==> flow/design.v <==
module cpu_adder_n #(
  parameter WIDTH = 48
) (
  input  wire core_clk,
  input  wire [WIDTH-1:0] in_rs1,
  input  wire [WIDTH-1:0] in_rs2,
  input  wire in_c0,
  output reg [WIDTH-1:0] out_q,
  output reg out_carry_out
);
  reg [WIDTH-1:0] rs1_q;
  always @(posedge core_clk)
    rs1_q <= in_rs1;
  reg [WIDTH-1:0] rs2_q;
  always @(posedge core_clk)
    rs2_q <= in_rs2;
  reg c0_q;
  always @(posedge core_clk)
    c0_q <= in_c0;
  wire [WIDTH-1:0] nxt;
  wire [WIDTH:0] carry;
  assign carry[0] = c0_q;
  genvar ii;
  generate
    for (ii = 0; ii < WIDTH; ii = ii + 1) begin : blk
      assign nxt[ii] = rs1_q[ii] ^ rs2_q[ii] ^ carry[ii];
      assign carry[ii+1] = (rs1_q[ii] & rs2_q[ii]) | (carry[ii] & (rs1_q[ii] ^ rs2_q[ii]));
    end
  endgenerate
  always @(posedge core_clk)
    out_q <= nxt;
  always @(posedge core_clk)
    out_carry_out <= carry[WIDTH];
endmodule
### From RTL to reports: cpu_adder_n

Tool output for the design above, in the order of the flow.
Line numbers count from 1 in the design file above.
Operators carry their Yosys type and port widths (W data, S select, Z words).
Cell names lack the library's common part.
A cell with -- has no value.

* top: cpu_adder_n
* clock port: core_clk
* cell library: sky130hd
* timing corner: tt_025C_1v80

### After elaboration

Counts by Yosys on the flattened word-level netlist (proc, flatten, opt, wreduce; memories kept). Register bits leave out memories and registers merged into their read ports (data or address); mux counts leave out enables and synchronous resets folded into registers. Print and check cells are left out. Cells with the same type and inputs are merged into one.

* register bits: 146
* bits of input ports: 98
* output and inout port bits: 49

* bitwise operators: 240

Operators with widths (number)
* $and A1 B1 Y1: 96
* $xor A1 B1 Y1: 96
* $or A1 B1 Y1: 48

### Longest topological paths

Longest topological path by Yosys (ltp), each cell counted once; first at word level (registers and memories cut), then after technology mapping (sequential cells cut; the memories' decode and read muxes count).

* depth in word-level cells: 97
* ABC_AREA: 0
* depth in mapped cells: 52

### After synthesis

Yosys stat after the flow's synthesis: flattened, memories mapped to cells. It holds for the ABC_AREA given above (unset counts as 0); a run with the other value may have another netlist.

* cell count: 204
* mapped area: 0.0039213 mm^2
* sequential part of the area: 0.0029228 mm^2
* flip-flop cells: 146
* buffer cells: 0

Cells by type
* dfxtp_1: number 146, total area 2.92E+03 um^2
* fa_1: number 48, total area 960.922 um^2
* inv_1: number 10, total area 37.536 um^2

### Path before layout

OpenSTA on the mapped netlist: ideal clock, no wires. The path of least setup slack (recovery checks aside). Input and output delay are each 20% of the period. Register names are those of the netlist, which keeps one name where synthesis merged equal registers.

* kind: reg-to-reg
* start point: reg rs1_q[0]
* end point: reg out_q[47]
* period: 23.2 ns
* setup time: 0.057 ns
* time at the first pin: 0.000 ns
* data arrival time: 18.510 ns
* data required time: 23.143 ns
* setup slack: 4.632 ns
* path delay: 18.567 ns
* stages: 53
* period reached after synthesis: 18.568 ns

"path delay" is the arrival time less input delay plus setup time.
"stages" counts driving pins, that of a launching flip-flop among them; a cell with two outputs on the path counts twice.
"period reached after synthesis" is the clock period less the worst setup slack; recovery checks do not enter. This is arithmetic on one report: input and output delays are still those of the set period (20% each).
Between the ends stands the longest chain of elaborated cells between them, by number of cells; it is not shown to be the way that was timed. Of several equally long chains one is given.
Each line given opens the expression or statement behind the cell; cells for indexed reads and writes are added by Yosys, which also makes memories of some case tables.

* cells stage by stage: dfxtp_1 -> fa_1 -> fa_1 -> fa_1 -> fa_1 -> fa_1 -> fa_1 -> fa_1 -> fa_1 -> fa_1 -> fa_1 -> fa_1 -> fa_1 -> fa_1 -> fa_1 -> fa_1 -> fa_1 -> fa_1 -> (+17 left out) -> fa_1 -> fa_1 -> fa_1 -> fa_1 -> fa_1 -> fa_1 -> fa_1 -> fa_1 -> fa_1 -> fa_1 -> fa_1 -> inv_1 -> fa_1 -> inv_1 -> fa_1 -> inv_1 -> fa_1 -> inv_1
* length of the longest elaborated chain: 96
* elaborated cells between the ends (all ways): 97

Ends and longest elaborated chain, after synthesis
* start, declared: line 11 `reg [WIDTH-1:0] rs1_q;`
* start, assigned: line 13 `rs1_q <= in_rs1;`
* $xor A1 B1 Y1: line 27 `assign carry[ii+1] = (rs1_q[ii] & rs2_q[ii]) | (carry[ii] & (rs1_q[ii] ^ rs2_q[ii]));`
* $and A1 B1 Y1: line 27
* $or A1 B1 Y1: line 27
* $and A1 B1 Y1: line 27
* $or A1 B1 Y1: line 27
* $and A1 B1 Y1: line 27
* $or A1 B1 Y1: line 27
* (+82 left out)
* $and A1 B1 Y1: line 27
* $or A1 B1 Y1: line 27
* $and A1 B1 Y1: line 27
* $or A1 B1 Y1: line 27
* $and A1 B1 Y1: line 27
* $or A1 B1 Y1: line 27
* $xor A1 B1 Y1: line 26 `assign nxt[ii] = rs1_q[ii] ^ rs2_q[ii] ^ carry[ii];`
* end, assigned: line 31 `out_q <= nxt;`
* end, declared: line 8 `output reg [WIDTH-1:0] out_q,`

### Worst path after layout

From the final timing report of entry A: the path of least setup slack in the routed layout; clock arrival at registers is part of the times.

* kind: reg-to-reg
* start point: reg rs1_q[0]
* end point: reg out_q[47]
* period: 33.4 ns
* setup time: 0.05 ns
* time at the first pin: 0.49 ns
* data arrival time: 19.76 ns
* data required time: 33.85 ns
* setup slack: 14.09 ns
* stages: 53

Between the ends stands the longest chain of elaborated cells between them, by number of cells; it is not shown to be the way that was timed. Of several equally long chains one is given.

* cells stage by stage: dfxtp_1 -> fa_1 -> fa_1 -> fa_1 -> fa_1 -> fa_1 -> fa_1 -> fa_1 -> fa_1 -> fa_1 -> fa_1 -> fa_1 -> fa_1 -> fa_1 -> fa_1 -> fa_1 -> fa_1 -> fa_1 -> (+17 left out) -> fa_1 -> fa_1 -> fa_1 -> fa_1 -> fa_1 -> fa_1 -> fa_1 -> fa_1 -> fa_1 -> fa_1 -> fa_1 -> inv_1 -> fa_1 -> inv_1 -> fa_1 -> inv_1 -> fa_1 -> inv_1
* length of the longest elaborated chain: 96
* elaborated cells between the ends (all ways): 97

Ends and longest elaborated chain, after layout
* start, declared: line 11 `reg [WIDTH-1:0] rs1_q;`
* start, assigned: line 13 `rs1_q <= in_rs1;`
* $xor A1 B1 Y1: line 27 `assign carry[ii+1] = (rs1_q[ii] & rs2_q[ii]) | (carry[ii] & (rs1_q[ii] ^ rs2_q[ii]));`
* $and A1 B1 Y1: line 27
* $or A1 B1 Y1: line 27
* $and A1 B1 Y1: line 27
* $or A1 B1 Y1: line 27
* $and A1 B1 Y1: line 27
* $or A1 B1 Y1: line 27
* (+82 left out)
* $and A1 B1 Y1: line 27
* $or A1 B1 Y1: line 27
* $and A1 B1 Y1: line 27
* $or A1 B1 Y1: line 27
* $and A1 B1 Y1: line 27
* $or A1 B1 Y1: line 27
* $xor A1 B1 Y1: line 26 `assign nxt[ii] = rs1_q[ii] ^ rs2_q[ii] ^ carry[ii];`
* end, assigned: line 31 `out_q <= nxt;`
* end, declared: line 8 `output reg [WIDTH-1:0] out_q,`

Measured data: module cpu_adder_n, platform sky130hd, 3 stored runs of the flow under differing settings, order arbitrary. Input and output delays are each 20% of the period that was set; the output load is 0.01 pF.
"clock period reached" means the clock period less the worst setup slack. The figure is calculated, with input and output delays left at 20% of the set period.
By "worst setup path time" is meant the share of the clock period that the worst setup path is allowed (20% is reserved at inputs, 20% at outputs), minus its slack. Clock arrival times at its registers enter into it.
"power consumption": no workload was simulated; the value follows from the tool's default switching activity.

### Entry A

==> flow/run.sh <==
#!/bin/bash
# the make line also repeats the synthesis and layout settings of config.mk as NAME=value (left out here)
make -C /OpenROAD-flow-scripts/flow DESIGN_CONFIG=/design/flow/config.mk WORK_HOME=/design/flow/orfs CLKGATE_MAP_FILE= finish
==> flow/config.mk <==
export PLATFORM = sky130hd
export DESIGN_NAME = cpu_adder_n
export DESIGN_NICKNAME = cpu_adder_n
export VERILOG_FILES = /design/flow/design.v
export SDC_FILE = /design/flow/constraint.sdc
export NUM_CORES = 4
export LEC_CHECK = 0
export CAP_MARGIN = 20
export CORE_MARGIN = 2
export CORE_UTILIZATION = 37
export CTS_CLUSTER_SIZE = 51
export GPL_ROUTABILITY_DRIVEN = 1
export MAX_ROUTING_LAYER = met4
export PLACE_DENSITY_LB_ADDON = 0.26
export SLEW_MARGIN = 20
export TNS_END_PERCENT = 25
==> flow/constraint.sdc <==
create_clock -name core_clock -period 33.4 [get_ports {core_clk}]
set_input_delay 6.6800 -clock core_clock [delete_from_list [all_inputs] [get_ports {core_clk}]]
set_output_delay 6.6800 -clock core_clock [all_outputs]
set_load 0.01 [all_outputs]

Results of entry A:
- Worst-case hold slack: 0.508 ns
- Clock period reached: 19.313 ns
- Post-layout utilization: 59.7 %
- Mapped cell area after synthesis: 0.0039213 mm^2
- Worst setup path time: 19.31 ns
- Class of the worst setup path: reg-to-reg
- Standard-cell area after routing: 0.0061672 mm^2
- Total negative slack: 0.000 ns
- Worst setup slack after layout: 14.087 ns
- Die area: 0.0114372 mm^2
- Power consumption: 0.0004435 W

### Entry B

==> flow/run.sh <==
#!/bin/bash
# the make line also repeats the synthesis and layout settings of config.mk as NAME=value (left out here)
make -C /OpenROAD-flow-scripts/flow DESIGN_CONFIG=/design/flow/config.mk WORK_HOME=/design/flow/orfs CLKGATE_MAP_FILE= finish
==> flow/config.mk <==
export PLATFORM = sky130hd
export DESIGN_NAME = cpu_adder_n
export DESIGN_NICKNAME = cpu_adder_n
export VERILOG_FILES = /design/flow/design.v
export SDC_FILE = /design/flow/constraint.sdc
export NUM_CORES = 4
export LEC_CHECK = 0
export ABC_AREA = 1
export CAP_MARGIN = 15
export CORE_MARGIN = 9
export CORE_UTILIZATION = 58
export CTS_CLUSTER_DIAMETER = 51
export MAX_ROUTING_LAYER = met5
export PLACE_DENSITY = 0.39
export SETUP_SLACK_MARGIN = 3.54
export SLEW_MARGIN = 20
export TNS_END_PERCENT = 90
==> flow/constraint.sdc <==
create_clock -name core_clock -period 23.0 [get_ports {core_clk}]
set_input_delay 4.6000 -clock core_clock [delete_from_list [all_inputs] [get_ports {core_clk}]]
set_output_delay 4.6000 -clock core_clock [all_outputs]
set_load 0.01 [all_outputs]

Outcome of entry B: incomplete, clock tree synthesis halted on DPL-0033

### Entry C

==> flow/run.sh <==
#!/bin/bash
# the make line also repeats the synthesis and layout settings of config.mk as NAME=value (left out here)
make -C /OpenROAD-flow-scripts/flow DESIGN_CONFIG=/design/flow/config.mk WORK_HOME=/design/flow/orfs CLKGATE_MAP_FILE= finish
==> flow/config.mk <==
export PLATFORM = sky130hd
export DESIGN_NAME = cpu_adder_n
export DESIGN_NICKNAME = cpu_adder_n
export VERILOG_FILES = /design/flow/design.v
export SDC_FILE = /design/flow/constraint.sdc
export NUM_CORES = 4
export LEC_CHECK = 0
export CAP_MARGIN = 20
export CORE_MARGIN = 2
export CORE_UTILIZATION = 40
export SLEW_MARGIN = 20
==> flow/constraint.sdc <==
create_clock -name core_clock -period 23.2 [get_ports {core_clk}]
set_input_delay 4.6400 -clock core_clock [delete_from_list [all_inputs] [get_ports {core_clk}]]
set_output_delay 4.6400 -clock core_clock [all_outputs]
set_load 0.01 [all_outputs]

Results of entry C:
- Worst-case hold slack: 0.506 ns
- Clock period reached: 19.464 ns
- Post-layout utilization: 63.4 %
- Mapped cell area after synthesis: 0.0039213 mm^2
- Worst setup path time: 19.46 ns
- Class of the worst setup path: reg-to-reg
- Standard-cell area after routing: 0.0061071 mm^2
- Total negative slack: 0.000 ns
- Worst setup slack after layout: 3.736 ns
- Die area: 0.0106111 mm^2
- Power consumption: 0.0006125 W
